==> flow/design.v <==
module dp_relation_v2 #(
  parameter DW = 128
) (
  input  wire CLK,
  input  wire i_rst_n,
  input  wire [DW-1:0] dataa,
  input  wire [DW-1:0] datab,
  output wire is_gt
);
  reg [DW-1:0] dataa_ff;
  always @(posedge CLK or negedge i_rst_n) begin
    if (~i_rst_n) begin
      dataa_ff <= 0;
    end else begin
      dataa_ff <= dataa;
    end
  end
  reg [DW-1:0] datab_ff;
  always @(posedge CLK or negedge i_rst_n) begin
    if (~i_rst_n) begin
      datab_ff <= 0;
    end else begin
      datab_ff <= datab;
    end
  end
  wire [DW:0] cc;
  assign cc[0] = 1'b0;
  genvar g;
  generate
    for (g = 0; g < DW; g = g + 1) begin : blk
      assign cc[g+1] = (dataa_ff[g] ^ datab_ff[g]) ? dataa_ff[g] : cc[g];
    end
  endgenerate
  assign is_gt = cc[DW];
endmodule
==> From RTL to reports: dp_relation_v2 <==
What the tools print for dp_relation_v2, step after step.
Lines are those of the file above, counted from 1.
Operators: Yosys type, input widths -> output width; for muxes data width and select width s.
Cell names lack the library's common part.
{ "inputs": {"top": "dp_relation_v2", "clock": "CLK", "cell_library": "sky130hd", "lib_corner": "tt_025C_1v80"} }

==> Word-level counts <==
Counts by Yosys on the flattened word-level netlist (proc, flatten, opt, wreduce; memories kept). Register bits leave out memories and registers merged into their read ports (data or address); mux counts leave out enables and synchronous resets folded into registers. Print and check cells are left out. Cells with the same type and inputs are merged into one.
{ "word_totals": {"out_inout_bits": 1, "n_memories": 0, "elab_cells": 258, "inputBits": 258, "clocked_rd_ports_x_width": 0, "reg_bits": 256, "rom_bits": 0, "ramBits": 0, "latchBits": 0} }
{ "classes": {"n_mux": 128, "div_mod_pow": 0, "compare": 0, "bitwise": 128, "addsub": 0, "eq_ne": 0, "shifts": 0, "n_reduce_logical": 0, "multipliers": 0} }
{ "ops": {"columns": ["cell", "n"], "rows": [
  ["$xor 1x1->1", 128],
  ["$mux 1", 128]
]} }

==> Depth <==
Yosys ltp: most cells in a row. Word level: on the elaborated netlist, between registers, memories and ports. Mapped: between sequential cells and ports; inverters and the memories' decode and read muxes count.
{ "logic_depth": {"ltp_word": 129, "abc_area": 0, "mapped_depth": 7} }

==> Netlist <==
Source: synth_stat.txt of the flow (Yosys; design flattened, memories mapped). It holds for the ABC_AREA given above (unset counts as 0); a run with the other value may have another netlist.
{ "mapped": {"yosys_area_um2": 8836.0, "seqArea_um2": 6406.1, "cell_count": 638, "flip_flops": 256} }
{ "types": {"columns": ["cell_type", "n", "area_total_um2"], "rows": [
  ["dfrtp_1", 256, 6.41E+03],
  ["inv_1", 105, 394.128],
  ["nand2b_1", 44, 275.264],
  ["nor2b_1", 37, 231.472],
  ["maj3_1", 14, 140.134],
  ["o22ai_1", 20, 125.12],
  ["a2111oi_4", 3, 82.579],
  ["maj3_2", 7, 78.826],
  ["o2111ai_1", 9, 78.826],
  ["a222oi_1", 6, 60.058],
  ["nand2_1", 15, 56.304],
  ["a22oi_1", 7, 52.55],
  ["a21oi_1", 9, 45.043],
  ["o221ai_1", 5, 43.792],
  ["o31a_1", 5, 43.792],
  ["o211ai_1", 5, 37.536],
  ["a2111oi_0", 4, 35.034],
  ["a221oi_1", 4, 35.034]
]} }
Other cell types: 36; their cells: 83.

==> Worst setup path after synthesis <==
Path of least setup slack by OpenSTA after synthesis, without wires, with an ideal clock, recovery checks aside; 20% of the period is set as input and as output delay. Where synthesis merged equal registers, the netlist keeps one of their names.
{ "synth_timing": {"path_type": "register -> output", "startpoint": "register datab_ff[105]", "endpoint": "output is_gt", "driving_pins": 8, "t_arrival_ns": 1.743, "launch_ns": 0.000, "path_buffers": 0, "setup_slack_ns": 0.433, "t_required_ns": 2.176, "clock_period_ns": 2.72, "output_delay_ns": 0.544, "delay_ns": 1.743, "period_less_setup_slack_ns": 2.287} }
"delay_ns" is the arrival time less input delay plus setup time.
A path that ends at an output port has no setup time.
"driving_pins" counts driving pins, that of a launching flip-flop among them; a cell with two outputs on the path counts twice.
"period_less_setup_slack_ns" = period - worst setup slack (recovery checks aside). The figure is calculated, with input and output delays left at 20% of the set period.
The rows between start and end are the longest chain of elaborated cells between them; the timing report does not say that the signal goes this way. Where chains are equally long, one stands for them.
Each line given opens the expression or statement behind the cell; cells for indexed reads and writes are added by Yosys, which also makes memories of some case tables.
{ "synth_between": {"cell_sequence": "dfrtp_1 -> nor2b_1 -> a2111oi_4 -> a21boi_1 -> nand4_1 -> a311oi_1 -> nand3_1 -> o211ai_1", "elab_chain_len": 24} }
{ "synth_rtl": {"columns": ["element", "line_no", "text"], "rows": [
  ["start: declaration", 18, "reg [DW-1:0] datab_ff;"],
  ["start: assignment", 21, "datab_ff <= 0;"],
  ["start: assignment", 23, "datab_ff <= datab;"],
  ["$xor 1x1->1", 31, "assign cc[g+1] = (dataa_ff[g] ^ datab_ff[g]) ? dataa_ff[g] : cc[g];"],
  ["$mux 1 x23", 31, null],
  ["end: declaration", 8, "output wire is_gt"]
]} }

==> Path in the finished layout <==
From the final timing report of entry A: the path of least setup slack in the routed layout; clock arrival at registers is part of the times.
{ "layout_timing": {"path_type": "register -> output", "startpoint": "register dataa_ff[37]", "endpoint": "output is_gt", "path_buffers": 2, "setup_slack_ns": -0.84, "driving_pins": 10, "t_arrival_ns": 2.81, "t_required_ns": 1.97, "launch_ns": 0.55, "clock_period_ns": 2.46, "output_delay_ns": 0.49} }
The rows between start and end are the longest chain of elaborated cells between them; the timing report does not say that the signal goes this way. Where chains are equally long, one stands for them.
{ "layout_between": {"cell_sequence": "dfrtp_1 -> nor2b_4 -> a2111oi_4 -> o211ai_1 -> a2111oi_4 -> buf_4 -> nand4_1 -> o211ai_2 -> o211ai_1 -> buf_4", "elab_chain_len": 92} }
{ "layout_rtl": {"columns": ["element", "line_no", "text"], "rows": [
  ["start: declaration", 10, "reg [DW-1:0] dataa_ff;"],
  ["start: assignment", 13, "dataa_ff <= 0;"],
  ["start: assignment", 15, "dataa_ff <= dataa;"],
  ["$xor 1x1->1", 31, "assign cc[g+1] = (dataa_ff[g] ^ datab_ff[g]) ? dataa_ff[g] : cc[g];"],
  ["$mux 1 x91", 31, null],
  ["end: declaration", 8, "output wire is_gt"]
]} }

==> results <==
dp_relation_v2 through Yosys and OpenROAD on sky130hd: 3 stored runs, unordered, with their settings and measured results. The constraints put input and output delay at 20% of the set period each and load the outputs with 0.01 pF.
"total power after layout" is the tool's figure for a default switching activity; nothing was simulated.

==> entry A: settings <==
{ "period_ns": 2.46, "CORE_UTILIZATION": 21, "SETUP_SLACK_MARGIN": 0.2, "PLACE_DENSITY": 0.55, "CORE_MARGIN": 4, "CELL_PAD_IN_SITES_DETAIL_PLACEMENT": 2, "ABC_AREA": 0, "CTS_CLUSTER_SIZE": 69, "CAP_MARGIN": 35, "MAX_ROUTING_LAYER": "met4", "SLEW_MARGIN": 20 }
==> entry A: results <==
total power after layout: 9.910 mW
chip area after synthesis (Yosys): 8836.0 sq um
setup slack of the critical path: -0.843 ns
area of the die: 45422.3 sq um
standard-cell area after layout: 13902.1 sq um

==> entry B: settings <==
{ "period_ns": 2.72, "CAP_MARGIN": 20, "CORE_MARGIN": 2, "CORE_UTILIZATION": 40, "SLEW_MARGIN": 20 }
==> entry B: results <==
total power after layout: 8.715 mW
chip area after synthesis (Yosys): 8836.0 sq um
setup slack of the critical path: -0.427 ns
area of the die: 23294.4 sq um
standard-cell area after layout: 13292.7 sq um

==> entry C: settings <==
{ "period_ns": 2.29, "CORE_UTILIZATION": 64, "PLACE_DENSITY": 0.83, "CORE_ASPECT_RATIO": 0.88, "CELL_PAD_IN_SITES_DETAIL_PLACEMENT": 2, "GPL_TIMING_DRIVEN": 1, "GPL_ROUTABILITY_DRIVEN": 1, "CTS_CLUSTER_SIZE": 75, "CTS_CLUSTER_DIAMETER": 176, "SLEW_MARGIN": 30, "MAX_ROUTING_LAYER": "met5", "CAP_MARGIN": 20, "CORE_MARGIN": 2 }
==> entry C: results <==
no final report: placement broke off with a tool error
